==> flow/design.v <==
module sh_core_n #(
   parameter integer DWIDTH = 40,
   parameter integer SW = $clog2(DWIDTH)
) (
   input wire ck,
   input wire rstn,
   input wire en,
   input wire [DWIDTH-1:0] data,
   input wire [SW-1:0] sh,
   input wire dir,
   output reg [DWIDTH-1:0] y
);
   reg [DWIDTH-1:0] data_s;
   reg [SW-1:0] sh_s;
   reg dir_s;
   always @(posedge ck) begin
      if (!rstn) begin
         data_s <= 0;
         sh_s <= 0;
         dir_s <= 1'b0;
         y <= 0;
      end else if (en) begin
         data_s <= data;
         sh_s <= sh;
         dir_s <= dir;
         y <= dir_s ? data_s << sh_s : data_s >> sh_s;
      end
   end
endmodule
# --- Reports on sh_core_n ---
# Tool output for the design above, in the order of the flow.
# Line numbers count from 1 in the design file above.
inputs:
  top_module: "sh_core_n"
  clk_port: "ck"
  lib: "sky130hd"
  lib_corner: "tt_025C_1v80"

# --- Word level ---
# Source: Yosys, flattened and elaborated, memories not mapped. Widths are those after wreduce; folded enables and synchronous resets count as part of the registers. Registers that Yosys merges into a memory's read port (data or address) are not register bits. Print and check cells do not count. Equal cells are merged and count once.
bits:
  regBits: 87
  inputBits: 50
  out_inout_bits: 40
  elab_cells: 7
classes:
  n_shift: 2
  mux: 1
ops:
  columns: ["op", "n"]
  rows:
  - ["<< shifter 40 x 6 -> 40 bit", 1]
  - [">> shifter 40 x 6 -> 40 bit", 1]
  - ["two-way mux 40 bit", 1]

# --- Logic depth ---
# Yosys ltp: most cells in a row. Word level: on the elaborated netlist, between registers, memories and ports. Mapped: between sequential cells and ports; inverters and the memories' decode and read muxes count.
logic_depth:
  ltp_word: 2
  abc_area: 0
  ltp_mapped: 10

# --- Netlist ---
# Yosys stat after the flow's synthesis: flattened, memories mapped to cells. It holds for the ABC_AREA given above (unset counts as 0); a run with the other value may have another netlist.
# The area totals of this step are shown rounded.
by_type:
  columns: ["cell_type", "n", "area_total_um2"]
  rows:
  - ["sky130_fd_sc_hd__mux4_2", 107, 2.41E+03]
  - ["sky130_fd_sc_hd__dfxtp_1", 87, 1741.67]
  - ["sky130_fd_sc_hd__mux2i_1", 122, 1.22E+03]
  - ["sky130_fd_sc_hd__nor2b_1", 62, 387.872]
  - ["sky130_fd_sc_hd__mux2_2", 30, 337.824]
  - ["sky130_fd_sc_hd__clkbuf_1", 80, 300.288]
  - ["sky130_fd_sc_hd__nand2_1", 80, 300.288]
  - ["sky130_fd_sc_hd__nor2_1", 59, 221.462]
  - ["sky130_fd_sc_hd__o21ai_0", 41, 205.197]
  - ["sky130_fd_sc_hd__a21oi_1", 39, 195.187]
  - ["sky130_fd_sc_hd__mux4_1", 6, 157.651]
  - ["sky130_fd_sc_hd__buf_6", 11, 123.869]
  - ["sky130_fd_sc_hd__buf_2", 24, 120.115]
  - ["sky130_fd_sc_hd__a32o_1", 11, 110.106]
  - ["sky130_fd_sc_hd__nor3_1", 21, 105.101]
  - ["sky130_fd_sc_hd__a221oi_1", 11, 96.342]
  - ["sky130_fd_sc_hd__buf_4", 12, 90.086]
  - ["sky130_fd_sc_hd__o211ai_1", 12, 90.086]
# Other cell types: 54; their cells: 213.
mapped:
  mapped_cells: 1028
  synth_area_mm2: 0.00979
  flip_flops: 87
  buffers: 141

# --- Timing after synthesis ---
# Path of least setup slack by OpenSTA after synthesis, without wires, with an ideal clock, recovery checks aside; 20% of the period is set as input and as output delay. Where synthesis merged equal registers, the netlist keeps one of their names.
synth_path:
  path_type: "register to register"
  start: "register sh_s[1]"
  end: "register y[30]"
  clock_period_ns: 2.68
  setup_ns: 0.117
  launch_ns: 0.000
  t_arrival_ns: 2.027
  t_required_ns: 2.563
  slack_ns: 0.535
  delay_ns: 2.144
  path_stages: 10
  n_path_buf: 4
  period_less_setup_slack_ns: 2.145
# "delay_ns" is the arrival time less input delay plus setup time.
# "path_stages": output pins that drive a net of the path, with the launching flip-flop's if there is one; two outputs of one cell count as two.
# "period_less_setup_slack_ns" = period - worst setup slack (recovery checks aside). The figure is calculated, with input and output delays left at 20% of the set period.
# Between the ends stands the longest chain of elaborated cells between them, by number of cells; it is not shown to be the way that was timed. Of several equally long chains one is given.
# Each line given opens the expression or statement behind the cell; cells for indexed reads and writes are added by Yosys, which also makes memories of some case tables.
synth_between:
  cell_sequence: "sky130_fd_sc_hd__dfxtp_1 > sky130_fd_sc_hd__buf_6 > sky130_fd_sc_hd__buf_6 > sky130_fd_sc_hd__buf_4 > sky130_fd_sc_hd__buf_4 > sky130_fd_sc_hd__mux4_2 > sky130_fd_sc_hd__mux2_2 > sky130_fd_sc_hd__o22ai_1 > sky130_fd_sc_hd__nand2_1 > sky130_fd_sc_hd__a32o_1"
  elab_chain_len: 2
  cone_cells: 3
  lines_between: 1
  classes_between: "2 x shift; 1 x mux"
synth_rtl:
  columns: ["item", "line_no", "text"]
  rows:
  - ["start, declared", 14, "reg [SW-1:0] sh_s;"]
  - ["start, assigned", 19, "sh_s <= 0;"]
  - ["start, assigned", 24, "sh_s <= sh;"]
  - [">> shifter 40 x 6 -> 40 bit", 26, "y <= dir_s ? data_s << sh_s : data_s >> sh_s;"]
  - ["two-way mux 40 bit", 26, null]
  - ["end, assigned", 21, "y <= 0;"]
  - ["end, assigned", 26, null]
  - ["end, declared", 11, "output reg [DWIDTH-1:0] y"]

# --- Timing after layout ---
# Path of least setup slack in the final report of job 2 (OpenROAD, finished layout, wires in). Where an end is a register, its clock arrival counts in the times.
layout_path:
  path_type: "register to register"
  start: "register sh_s[1]"
  end: "register y[10]"
  clock_period_ns: 1.45
  setup_ns: 0.12
  launch_ns: 0.40
  t_arrival_ns: 2.79
  t_required_ns: 1.74
  slack_ns: -1.06
  path_stages: 10
  n_path_buf: 4
# Between the ends stands the longest chain of elaborated cells between them, by number of cells; it is not shown to be the way that was timed. Of several equally long chains one is given.
layout_between:
  cell_sequence: "sky130_fd_sc_hd__dfxtp_2 > sky130_fd_sc_hd__buf_12 > sky130_fd_sc_hd__buf_12 > sky130_fd_sc_hd__buf_8 > sky130_fd_sc_hd__mux4_2 > sky130_fd_sc_hd__buf_4 > sky130_fd_sc_hd__mux2i_4 > sky130_fd_sc_hd__nor2_1 > sky130_fd_sc_hd__a21o_1 > sky130_fd_sc_hd__a221o_1"
  elab_chain_len: 2
  cone_cells: 3
  lines_between: 1
  classes_between: "2 x shift; 1 x mux"
layout_rtl:
  columns: ["item", "line_no", "text"]
  rows:
  - ["start, declared", 14, "reg [SW-1:0] sh_s;"]
  - ["start, assigned", 19, "sh_s <= 0;"]
  - ["start, assigned", 24, "sh_s <= sh;"]
  - [">> shifter 40 x 6 -> 40 bit", 26, "y <= dir_s ? data_s << sh_s : data_s >> sh_s;"]
  - ["two-way mux 40 bit", 26, null]
  - ["end, assigned", 21, "y <= 0;"]
  - ["end, assigned", 26, null]
  - ["end, declared", 11, "output reg [DWIDTH-1:0] y"]

# Measured data: module sh_core_n, platform sky130hd, 3 stored runs of the flow under differing settings, order arbitrary. Input and output delays are each 20% of the period that was set; the output load is 0.01 pF.
# "worst_setup_path_time_ns" is the time allowed to the run's worst setup path (the clock period less input and output delay, where it has them) less its slack. Clock arrival times count: a late capture clock shortens it, a late launch clock lengthens it.
# "power.total_w" rests on the timing tool's default activity at the inputs, not on a simulated workload.
# The results are shown rounded.
runs:
  - name: "job 1"
    settings:
      period_ns: 1.52
      CORE_UTILIZATION: 68
      PLACE_DENSITY: 0.72
      CORE_ASPECT_RATIO: 1.01
      TNS_END_PERCENT: 45
      ABC_AREA: 1
      MIN_ROUTING_LAYER: "met2"
      MAX_ROUTING_LAYER: "met4"
      CAP_MARGIN: 20
      CORE_MARGIN: 2
      SLEW_MARGIN: 20
    outcome: "did not finish, routing stopped with GRT-0116"
  - name: "job 2"
    settings:
      period_ns: 1.45
      CORE_UTILIZATION: 21
      PLACE_DENSITY_LB_ADDON: 0.03
      CORE_ASPECT_RATIO: 0.71
      GPL_TIMING_DRIVEN: 0
      GPL_ROUTABILITY_DRIVEN: 1
      CTS_CLUSTER_SIZE: 91
      CTS_CLUSTER_DIAMETER: 336
      MIN_ROUTING_LAYER: "met1"
      CAP_MARGIN: 20
      CORE_MARGIN: 2
      SLEW_MARGIN: 20
    results:
      ys_area_mm2: 0.00979
      final_die_area_mm2: 0.0484
      util_frac: 0.33
      setup_worst_slack_ns: -1.06
      tns_setup_ns: -36.7
      power.total_w: 0.011
      worst_setup_path_time_ns: 2.51
      timing.worst_path_kind: "register to register"
  - name: "job 3"
    settings:
      period_ns: 2.68
      CAP_MARGIN: 20
      CORE_MARGIN: 2
      CORE_UTILIZATION: 40
      SLEW_MARGIN: 20
    results:
      ys_area_mm2: 0.00979
      final_die_area_mm2: 0.0258
      util_frac: 0.484
      setup_worst_slack_ns: 0.072
      tns_setup_ns: 0.000
      power.total_w: 0.00502
      worst_setup_path_time_ns: 2.61
      timing.worst_path_kind: "register to register"
